==> flow/design.v <==
module gen_comparator #(
   parameter W = 7
) (
   input  wire i_clk,
   input  wire [W-1:0] lhs_in,
   input  wire [W-1:0] rhs_in,
   input  wire [W-1:0] extra_in,
   output reg [W-1:0] result_out
);
   always @(posedge i_clk) begin
      result_out <= (lhs_in < rhs_in) ? rhs_in : (lhs_in > extra_in) ? extra_in : lhs_in;
   end
endmodule
# Reports on gen_comparator
# A sweep over "W": the same steps for each member of the family.
# The RTL above is that of W 7; lines are counted from 1 in the file of the member named.
# The mark - stands for no value.
[design]
design = "gen_comparator"
clock_port = "i_clk"
lib = "sky130hd"
pvt_corner = "tt_025C_1v80"

# Source of the members
# New or changed lines of each further member against the RTL above, in its own file; lines it lacks are not shown.
[changed_lines]
columns = ["W", "line_no", "text"]
rows = [
  [16, 2, "parameter W = 16"],
  [40, 2, "parameter W = 40"],
  [48, 2, "parameter W = 48"],
  [56, 2, "parameter W = 56"],
  [112, 2, "parameter W = 112"],
]

# After elaboration
# Yosys after proc, flatten, opt, wreduce and memory -nomap, before mapping. Enables and synchronous resets that opt folds into registers are not counted as muxes. Memory bits, and registers merged into a memory's read port (data or address), are not among the register bits. Print and check cells are not counted. Equal cells are merged and count once.
[op_classes]
columns = ["W", "compare", "muxes"]
rows = [
  [7, 2, 2],
  [16, 2, 2],
  [40, 2, 2],
  [48, 2, 2],
  [56, 2, 2],
  [112, 2, 2],
]
[op_table]
columns = ["W", "op_list"]
rows = [
  [7, "2 x 7-bit 2-to-1 mux; 1 x 7-bit > comparator; 1 x 7-bit less-than comparator"],
  [16, "2 x 16-bit 2-to-1 mux; 1 x 16-bit > comparator; 1 x 16-bit less-than comparator"],
  [40, "2 x 40-bit 2-to-1 mux; 1 x 40-bit > comparator; 1 x 40-bit less-than comparator"],
  [48, "2 x 48-bit 2-to-1 mux; 1 x 48-bit > comparator; 1 x 48-bit less-than comparator"],
  [56, "2 x 56-bit 2-to-1 mux; 1 x 56-bit > comparator; 1 x 56-bit less-than comparator"],
  [112, "2 x 112-bit 2-to-1 mux; 1 x 112-bit > comparator; 1 x 112-bit less-than comparator"],
]
[word_totals]
columns = ["W", "ff_bits", "input_bits", "output_inout_bits", "word_cells"]
rows = [
  [7, 7, 22, 7, 5],
  [16, 16, 49, 16, 5],
  [40, 40, 121, 40, 5],
  [48, 48, 145, 48, 5],
  [56, 56, 169, 56, 5],
  [112, 112, 337, 112, 5],
]

# Longest topological paths
# Longest topological path by Yosys (ltp), each cell counted once; first at word level (registers and memories cut), then after technology mapping (sequential cells cut; the memories' decode and read muxes count).
[depth]
columns = ["W", "depth_word", "ABC_AREA", "depth_mapped", "depth_no_buf"]
rows = [
  [7, 3, 0, 7, 7],
  [16, 3, 0, 9, 8],
  [40, 3, 0, 11, 9],
  [48, 3, 0, 11, 9],
  [56, 3, 0, 11, 9],
  [112, 3, 0, 13, 10],
]

# Synthesis result
# The flow's flattened synthesis, as Yosys stat reports it; memories are mapped. The netlist is that of the ABC_AREA named above (0 if unset); the other value can give another one.
[mapped]
columns = ["W", "mapped_cells", "synth_area_um2", "seqArea_um2", "flip_flops", "buf_cells"]
rows = [
  [7, 67, 626.9, 140.1, 7, 0],
  [16, 161, 1448.9, 320.3, 16, 2],
  [40, 483, 4046.4, 800.8, 40, 29],
  [48, 620, 4598.2, 960.9, 48, 35],
  [56, 725, 5341.4, 1121.1, 56, 42],
  [112, 1440, 10731.5, 2242.2, 112, 86],
]
[by_type]
columns = ["W", "cell_types"]
rows = [
  [7, "13 x sky130_fd_sc_hd__ha_1; 7 x sky130_fd_sc_hd__dfxtp_1; 12 x sky130_fd_sc_hd__mux2i_1; 13 x sky130_fd_sc_hd__inv_1; 6 x sky130_fd_sc_hd__a21oi_1; 2 x sky130_fd_sc_hd__mux2_4; 1 x sky130_fd_sc_hd__nand4_2; 1 x sky130_fd_sc_hd__o22ai_2; 2 x sky130_fd_sc_hd__nand3_1; 1 x sky130_fd_sc_hd__a21oi_2; 1 x sky130_fd_sc_hd__o21ai_2; 1 x sky130_fd_sc_hd__a21o_1; 2 x sky130_fd_sc_hd__nand2_1; 1 x sky130_fd_sc_hd__nand3b_1; 1 x sky130_fd_sc_hd__nor2b_1; 1 x sky130_fd_sc_hd__o21ai_0; 1 x sky130_fd_sc_hd__o21ai_1; 1 x sky130_fd_sc_hd__nor2_1"],
  [16, "31 x sky130_fd_sc_hd__ha_1; 16 x sky130_fd_sc_hd__dfxtp_1; 32 x sky130_fd_sc_hd__mux2i_1; 32 x sky130_fd_sc_hd__inv_1; 13 x sky130_fd_sc_hd__a21oi_1; 7 x sky130_fd_sc_hd__nand2_1; 5 x sky130_fd_sc_hd__nand3_1; 4 x sky130_fd_sc_hd__nand4_1; 1 x sky130_fd_sc_hd__o31ai_4; 4 x sky130_fd_sc_hd__o21ai_0; 2 x sky130_fd_sc_hd__a21o_1; 1 x sky130_fd_sc_hd__buf_8; 2 x sky130_fd_sc_hd__nor4_1; 1 x sky130_fd_sc_hd__a21boi_2; 3 x sky130_fd_sc_hd__nor2_1; 1 x sky130_fd_sc_hd__a221o_1; 1 x sky130_fd_sc_hd__and4_2; 1 x sky130_fd_sc_hd__a21oi_2; [+4]"],
  [40, "79 x sky130_fd_sc_hd__ha_1; 40 x sky130_fd_sc_hd__dfxtp_1; 56 x sky130_fd_sc_hd__o211ai_1; 28 x sky130_fd_sc_hd__o211ai_2; 51 x sky130_fd_sc_hd__nand4_1; 80 x sky130_fd_sc_hd__inv_1; 33 x sky130_fd_sc_hd__a21oi_1; 9 x sky130_fd_sc_hd__buf_6; 27 x sky130_fd_sc_hd__nand2_1; 14 x sky130_fd_sc_hd__o21ai_0; 12 x sky130_fd_sc_hd__buf_2; 13 x sky130_fd_sc_hd__nor2_1; 8 x sky130_fd_sc_hd__nand3_1; 4 x sky130_fd_sc_hd__a211oi_1; 4 x sky130_fd_sc_hd__buf_4; 1 x sky130_fd_sc_hd__a311oi_4; 2 x sky130_fd_sc_hd__nor4_2; 1 x sky130_fd_sc_hd__nor3_4; [+21]"],
  [48, "95 x sky130_fd_sc_hd__ha_1; 48 x sky130_fd_sc_hd__dfxtp_1; 100 x sky130_fd_sc_hd__inv_1; 61 x sky130_fd_sc_hd__nand3_1; 48 x sky130_fd_sc_hd__a31oi_1; 56 x sky130_fd_sc_hd__o21ai_0; 51 x sky130_fd_sc_hd__nor3_1; 38 x sky130_fd_sc_hd__a21oi_1; 24 x sky130_fd_sc_hd__nand2_1; 13 x sky130_fd_sc_hd__nand4_1; 12 x sky130_fd_sc_hd__buf_2; 15 x sky130_fd_sc_hd__clkbuf_1; 3 x sky130_fd_sc_hd__and4_1; 7 x sky130_fd_sc_hd__nor2_1; 4 x sky130_fd_sc_hd__nor4_1; 5 x sky130_fd_sc_hd__o21ai_1; 3 x sky130_fd_sc_hd__a211oi_1; 3 x sky130_fd_sc_hd__a21o_1; [+34]"],
  [56, "111 x sky130_fd_sc_hd__ha_1; 56 x sky130_fd_sc_hd__dfxtp_1; 114 x sky130_fd_sc_hd__inv_1; 58 x sky130_fd_sc_hd__a31oi_1; 70 x sky130_fd_sc_hd__o21ai_0; 67 x sky130_fd_sc_hd__nand3_1; 62 x sky130_fd_sc_hd__nor3_1; 34 x sky130_fd_sc_hd__a21oi_1; 35 x sky130_fd_sc_hd__clkbuf_1; 20 x sky130_fd_sc_hd__nand4_1; 20 x sky130_fd_sc_hd__nand2_1; 8 x sky130_fd_sc_hd__a21o_1; 5 x sky130_fd_sc_hd__buf_6; 15 x sky130_fd_sc_hd__nor2_1; 5 x sky130_fd_sc_hd__a211oi_1; 5 x sky130_fd_sc_hd__o21a_1; 4 x sky130_fd_sc_hd__and4_1; 6 x sky130_fd_sc_hd__o21ai_1; [+30]"],
  [112, "223 x sky130_fd_sc_hd__ha_1; 112 x sky130_fd_sc_hd__dfxtp_1; 227 x sky130_fd_sc_hd__inv_1; 114 x sky130_fd_sc_hd__a31oi_1; 129 x sky130_fd_sc_hd__nand3_1; 118 x sky130_fd_sc_hd__nor3_1; 84 x sky130_fd_sc_hd__a21oi_1; 81 x sky130_fd_sc_hd__o21ai_1; 54 x sky130_fd_sc_hd__o21ai_0; 40 x sky130_fd_sc_hd__nand4_1; 31 x sky130_fd_sc_hd__a21o_1; 56 x sky130_fd_sc_hd__clkbuf_1; 49 x sky130_fd_sc_hd__nand2_1; 10 x sky130_fd_sc_hd__buf_6; 8 x sky130_fd_sc_hd__and4_1; 9 x sky130_fd_sc_hd__buf_4; 16 x sky130_fd_sc_hd__nor2_1; 6 x sky130_fd_sc_hd__a221oi_1; [+73]"],
]
# A list marked [+n] leaves out that many cells.

# Path before layout
# Path of least setup slack by OpenSTA after synthesis, without wires, with an ideal clock, recovery checks aside; 20% of the period is set as input and as output delay. Where synthesis merged equal registers, the netlist keeps one of their names.
[synth_path]
columns = ["W", "path_type", "from", "to", "clock_period_ns", "setup_slack_ns", "driving_pins", "delay_ns", "synth_period_reached_ns"]
rows = [
  [7, "input port to flip-flop", "input extra_in[2]", "register result_out[0]", 2.5, 0.403, 7, 1.597, 2.097],
  [16, "input port to flip-flop", "input extra_in[7]", "register result_out[10]", 2.88, 0.459, 9, 1.844, 2.421],
  [40, "input port to flip-flop", "input rhs_in[17]", "register result_out[19]", 2.81, 0.447, 11, 1.801, 2.363],
  [48, "input port to flip-flop", "input rhs_in[11]", "register result_out[27]", 3.03, 0.484, 11, 1.940, 2.546],
  [56, "input port to flip-flop", "input extra_in[14]", "register result_out[15]", 3.31, 0.531, 11, 2.117, 2.779],
  [112, "input port to flip-flop", "input extra_in[93]", "register result_out[100]", 3.81, 0.608, 12, 2.440, 3.202],
]
# "delay_ns" = arrival - input delay + setup time.
# "driving_pins" counts driving pins, that of a launching flip-flop among them; a cell with two outputs on the path counts twice.
# "synth_period_reached_ns" is the clock period less the worst setup slack; recovery checks do not enter. This is arithmetic on one report: input and output delays are still those of the set period (20% each).
# Between the ends stands the longest chain of elaborated cells between them, by number of cells; it is not shown to be the way that was timed. Of several equally long chains one is given.
# Each line given opens the expression or statement behind the cell; cells for indexed reads and writes are added by Yosys, which also makes memories of some case tables.
[synth_via_W_7]
elab_chain_len = 3
[synth_rtl_W_7]
columns = ["item", "line_no", "text"]
rows = [
  ["from (decl)", 7, "input  wire [W-1:0] extra_in,"],
  ["7-bit > comparator", 11, "result_out <= (lhs_in < rhs_in) ? rhs_in : (lhs_in > extra_in) ? extra_in : lhs_in;"],
  ["7-bit 2-to-1 mux x2", 11, ""],
  ["to (assign)", 11, ""],
  ["to (decl)", 8, "output reg [W-1:0] result_out"],
]
[synth_via_W_112]
elab_chain_len = 3
[synth_rtl_W_112]
columns = ["item", "line_no", "text"]
rows = [
  ["from (decl)", 7, "input  wire [W-1:0] extra_in,"],
  ["112-bit > comparator", 11, "result_out <= (lhs_in < rhs_in) ? rhs_in : (lhs_in > extra_in) ? extra_in : lhs_in;"],
  ["112-bit 2-to-1 mux x2", 11, ""],
  ["to (assign)", 11, ""],
  ["to (decl)", 8, "output reg [W-1:0] result_out"],
]

# Worst path after layout
# Path of least setup slack in the final report of each member's run (OpenROAD, finished layout, wires in). Where an end is a register, its clock arrival counts in the times.
[layout_path]
columns = ["W", "path_type", "from", "to", "clock_period_ns", "setup_slack_ns", "driving_pins", "arrival_time_ns", "n_path_buf"]
rows = [
  [7, "input port to flip-flop", "input extra_in[2]", "register result_out[0]", 2.5, 0.25, 8, 2.39, 1],
  [16, "input port to flip-flop", "input extra_in[14]", "register result_out[6]", 2.88, 0.30, 10, 2.75, 2],
  [40, "input port to flip-flop", "input extra_in[36]", "register result_out[19]", 2.81, -0.01, 14, 3.05, 6],
  [48, "input port to flip-flop", "input extra_in[5]", "register result_out[6]", 3.03, 0.08, 13, 3.16, 5],
  [56, "input port to flip-flop", "input rhs_in[1]", "register result_out[49]", 3.31, 0.08, 10, 3.46, 2],
  [112, "input port to flip-flop", "input extra_in[91]", "register result_out[60]", 3.81, 0.02, 12, 4.03, 2],
]

# Flow runs
# One run of the flow (Yosys, OpenROAD) for each member, with settings and measured results. Input and output delays are each 20% of the period that was set; the output load is 0.01 pF.
[settings]
CAP_MARGIN = 20
CORE_MARGIN = 2
CORE_UTILIZATION = 40
SLEW_MARGIN = 20
[settings_by_member]
columns = ["W", "period_ns"]
rows = [
  [7, 2.5],
  [16, 2.88],
  [40, 2.81],
  [48, 3.03],
  [56, 3.31],
  [112, 3.81],
]
[measured]
columns = ["W", "ys_area_um2", "total_die_area_um2", "stdcell_area_um2", "final_util_pct", "timing.setup.ws_ns", "total_negative_slack_ns", "totalPower_uw"]
rows = [
  [7, 626.9, 1899.7, 983.4, 66.1, 0.246, 0.000, 420.7],
  [16, 1448.9, 4119.7, 2192.1, 64.2, 0.303, 0.000, 732.2],
  [40, 4046.4, 10937.0, 6881.6, 70.1, -0.012, -0.012, 2498],
  [48, 4598.2, 12368.8, 7338.3, 64.8, 0.083, 0.000, 2696],
  [56, 5341.4, 14293.4, 8303.0, 63.2, 0.078, 0.000, 2659],
  [112, 10731.5, 28155.2, 17185.2, 65.6, 0.019, 0.000, 4676],
]
# "totalPower_uw": no workload was simulated; the value follows from the tool's default switching activity.
